==> flow/design.v <==
module alu_sum_block_blk #(
  parameter integer XLEN = 8
) (
  input wire sys_clk,
  input wire RST,
  input wire [XLEN-1:0] x,
  input wire [XLEN-1:0] y,
  input wire cin,
  output wire [XLEN-1:0] s,
  output wire ovf
);
  reg [XLEN-1:0] r_x;
  always @(posedge sys_clk) begin
    if (RST) begin
      r_x <= 0;
    end else begin
      r_x <= x;
    end
  end
  reg [XLEN-1:0] r_y;
  always @(posedge sys_clk) begin
    if (RST) begin
      r_y <= 0;
    end else begin
      r_y <= y;
    end
  end
  reg r_cin;
  always @(posedge sys_clk) begin
    if (RST) begin
      r_cin <= 1'b0;
    end else begin
      r_cin <= cin;
    end
  end
  wire [XLEN:0] cur;
  assign cur = r_x + r_y + r_cin;
  assign s = cur[XLEN-1:0];
  assign ovf = cur[XLEN];
endmodule
# Step by step through the tools: alu_sum_block_blk
# A sweep over "XLEN": the same steps for each member of the family.
# The file above is the member XLEN 8. Line numbers count from 1 in each member's own file.
# Library cell names are shortened.
# A cell with - has no value.
dict set report design {
  top_module {alu_sum_block_blk}
  clk_port {sys_clk}
  cell_library {sky130hd}
  pvt_corner {tt_025C_1v80}
}

# Source of the members
# New or changed lines of each further member against the RTL above, in its own file; lines it lacks are not shown.
# XLEN line_no
set src_changes {}
lappend src_changes {12 2} ;# parameter integer XLEN = 12
lappend src_changes {16 2} ;# parameter integer XLEN = 16

# After elaboration
# Counts by Yosys on the flattened word-level netlist (proc, flatten, opt, wreduce; memories kept). Register bits leave out memories and registers merged into their read ports (data or address); mux counts leave out enables and synchronous resets folded into registers. Print and check cells are left out. Cells with the same type and inputs are merged into one.
# XLEN n_mul logic n_cmp shifts equal div_mod_pow n_mux n_addsub reduce_logical
set classes {}
lappend classes {8 0 0 0 0 0 0 0 2 0}
lappend classes {12 0 0 0 0 0 0 0 2 0}
lappend classes {16 0 0 0 0 0 0 0 2 0}
# XLEN op_list
set op_table {}
lappend op_table {8 {1 x 8-bit by 8-bit adder with 9-bit output; 1 x 9-bit by 1-bit adder with 9-bit output}}
lappend op_table {12 {1 x 12-bit by 12-bit adder with 13-bit output; 1 x 13-bit by 1-bit adder with 13-bit output}}
lappend op_table {16 {1 x 16-bit by 16-bit adder with 17-bit output; 1 x 17-bit by 1-bit adder with 17-bit output}}
# XLEN n_memories clocked_rd_ports_x_width rom_bits wordCells reg_bits output_inout_bits ram_bits latch_bits in_bits
set bits {}
lappend bits {8 0 0 0 5 17 9 0 0 19}
lappend bits {12 0 0 0 5 25 13 0 0 27}
lappend bits {16 0 0 0 5 33 17 0 0 35}

# Logic depth
# Yosys ltp: most cells in a row. Word level: on the elaborated netlist, between registers, memories and ports. Mapped: between sequential cells and ports; inverters and the memories' decode and read muxes count.
# XLEN word_depth ABC_AREA ltp_mapped mapped_depth_nobuf
set logic_depth {}
lappend logic_depth {8 2 0 6 6}
lappend logic_depth {12 2 0 6 6}
lappend logic_depth {16 2 0 8 8}

# Mapped cells and area
# Yosys stat after the flow's synthesis: flattened, memories mapped to cells. It holds for the ABC_AREA given above (unset counts as 0); a run with the other value may have another netlist.
# The area totals of this step are shown rounded.
# XLEN mapped_area_um2 ff_cells seqArea_um2 cell_count buf_cells
set synth_totals {}
lappend synth_totals {8 782.0 17 340.3 77 1}
lappend synth_totals {12 1311 25 500.5 135 5}
lappend synth_totals {16 1612 33 660.6 158 3}
# XLEN cell_types
set by_type {}
lappend by_type {8 {17 x dfxtp_1; 19 x nor2b_1; 7 x ha_1; 2 x fa_1; 5 x a21oi_1; 2 x a311o_1; 2 x xnor2_1; 2 x xor2_1; 2 x a21o_1; 3 x nand2_1; 1 x mux2i_1; 2 x nand3_1; 2 x nor3_1; 1 x a2111oi_0; 1 x a221oi_1; 2 x inv_1; 2 x nor2_1; 1 x o21bai_1; (+4)}}
lappend by_type {12 {25 x dfxtp_1; 26 x nor2b_1; 11 x ha_1; 6 x a21o_1; 5 x xnor2_1; 2 x fa_1; 7 x a21oi_1; 4 x nand2b_1; 4 x nand3_1; 5 x nor2_1; 2 x a2111oi_0; 2 x a31o_2; 2 x o311ai_0; 2 x xor2_1; 4 x clkbuf_1; 3 x o21ai_0; 2 x or4_1; 1 x a2111o_1; (+22)}}
lappend by_type {16 {33 x dfxtp_1; 34 x nor2b_1; 15 x ha_1; 9 x xnor2_1; 9 x a21oi_1; 5 x xor2_1; 2 x fa_1; 4 x a21o_1; 3 x a21oi_2; 3 x o21bai_1; 4 x o21ai_0; 2 x o21ai_2; 1 x a2111oi_2; 4 x inv_1; 4 x nand2_1; 3 x nand3_1; 2 x o21a_1; 1 x o221ai_2; (+20)}}
# A list marked (+n) leaves out that many cells.

# Worst setup path after synthesis
# Path of least setup slack by OpenSTA after synthesis, without wires, with an ideal clock, recovery checks aside; 20% of the period is set as input and as output delay. Where synthesis merged equal registers, the netlist keeps one of their names.
# XLEN kind startpoint endpoint clock_period_ps path_stages delay_ps slack_ps period_less_setup_slack_ps
set synth_timing {}
lappend synth_timing {8 reg2out {register r_x[0]} {output s[6]} 2620 7 1679 417 2203}
lappend synth_timing {12 reg2out {register r_x[0]} {output ovf} 3210 7 2057 511 2699}
lappend synth_timing {16 reg2out {register r_x[0]} {output s[10]} 3540 9 2264 568 2972}
# "delay_ps" is the arrival time less input delay plus setup time.
# A path that ends at an output port has no setup time.
# "path_stages": output pins that drive a net of the path, with the launching flip-flop's if there is one; two outputs of one cell count as two.
# "period_less_setup_slack_ps" is the clock period less the worst setup slack; recovery checks do not enter. This is arithmetic on one report: input and output delays are still those of the set period (20% each).
# The rows between start and end are the longest chain of elaborated cells between them; the timing report does not say that the signal goes this way. Where chains are equally long, one stands for them.
# Each line given opens the expression or statement behind the cell; cells for indexed reads and writes are added by Yosys, which also makes memories of some case tables.
dict set report synth_via_XLEN_8 {
  elab_chain_len 2
}
# item line_no
set synth_rtl_XLEN_8 {}
lappend synth_rtl_XLEN_8 {{start: declaration} 12} ;# reg [XLEN-1:0] r_x;
lappend synth_rtl_XLEN_8 {{start: assignment} 15} ;# r_x <= 0;
lappend synth_rtl_XLEN_8 {{start: assignment} 17} ;# r_x <= x;
lappend synth_rtl_XLEN_8 {{8-bit by 8-bit adder with 9-bit output} 37} ;# assign cur = r_x + r_y + r_cin;
lappend synth_rtl_XLEN_8 {{9-bit by 1-bit adder with 9-bit output} 37}
lappend synth_rtl_XLEN_8 {{end: declaration} 9} ;# output wire [XLEN-1:0] s,
dict set report synth_via_XLEN_16 {
  elab_chain_len 2
}
# item line_no
set synth_rtl_XLEN_16 {}
lappend synth_rtl_XLEN_16 {{start: declaration} 12} ;# reg [XLEN-1:0] r_x;
lappend synth_rtl_XLEN_16 {{start: assignment} 15} ;# r_x <= 0;
lappend synth_rtl_XLEN_16 {{start: assignment} 17} ;# r_x <= x;
lappend synth_rtl_XLEN_16 {{16-bit by 16-bit adder with 17-bit output} 37} ;# assign cur = r_x + r_y + r_cin;
lappend synth_rtl_XLEN_16 {{17-bit by 1-bit adder with 17-bit output} 37}
lappend synth_rtl_XLEN_16 {{end: declaration} 9} ;# output wire [XLEN-1:0] s,

# Path in the finished layout
# From the final timing report of the run of each member: the path of least setup slack in the routed layout; clock arrival at registers is part of the times.
# The path's times are printed in steps of 10 ps; the period is the one set.
# XLEN kind startpoint endpoint clock_period_ps path_stages arrival_ps n_path_buf slack_ps
set layout_timing {}
lappend layout_timing {8 reg2out {register r_cin} {output s[6]} 2620 8 2010 1 80}
lappend layout_timing {12 reg2out {register r_cin} {output s[10]} 3210 8 2420 1 150}
lappend layout_timing {16 reg2out {register r_cin} {output ovf} 3540 10 2660 1 170}

# Layout results
# Settings and results of one run of the flow (Yosys, OpenROAD) for each member follow. The constraints put input and output delay at 20% of the set period each and load the outputs with 0.01 pF.
dict set report settings {
  CAP_MARGIN 20
  CORE_MARGIN 2
  CORE_UTILIZATION 40
  SLEW_MARGIN 20
}
# XLEN period_ns
set settings_diff {}
lappend settings_diff {8 2.62}
lappend settings_diff {12 3.21}
lappend settings_diff {16 3.54}
# XLEN final_die_area_um2 tns_setup_ps yosys.chip_area_um2 power_mw final_hold_ws_ps setup_worst_slack_ps layout_stdcell_area_um2 util_pct achieved_clock_period_ps
set measured {}
lappend measured {8 2325 0 782.0 0.5628 783 83 1136 63.7 2537}
lappend measured {12 3752 0 1311 0.6645 868 145 1770 57.5 3065}
lappend measured {16 4553 0 1612 1.040 971 167 2372 60.2 3373}
# "achieved_clock_period_ps" means the clock period less the worst setup slack. The figure is calculated, with input and output delays left at 20% of the set period.
# By "power_mw" is meant OpenSTA's value without simulated activity: inputs other than the clock are taken to toggle once in ten clock periods, and the tool carries that through the logic.
# Values from the reports are rounded here.
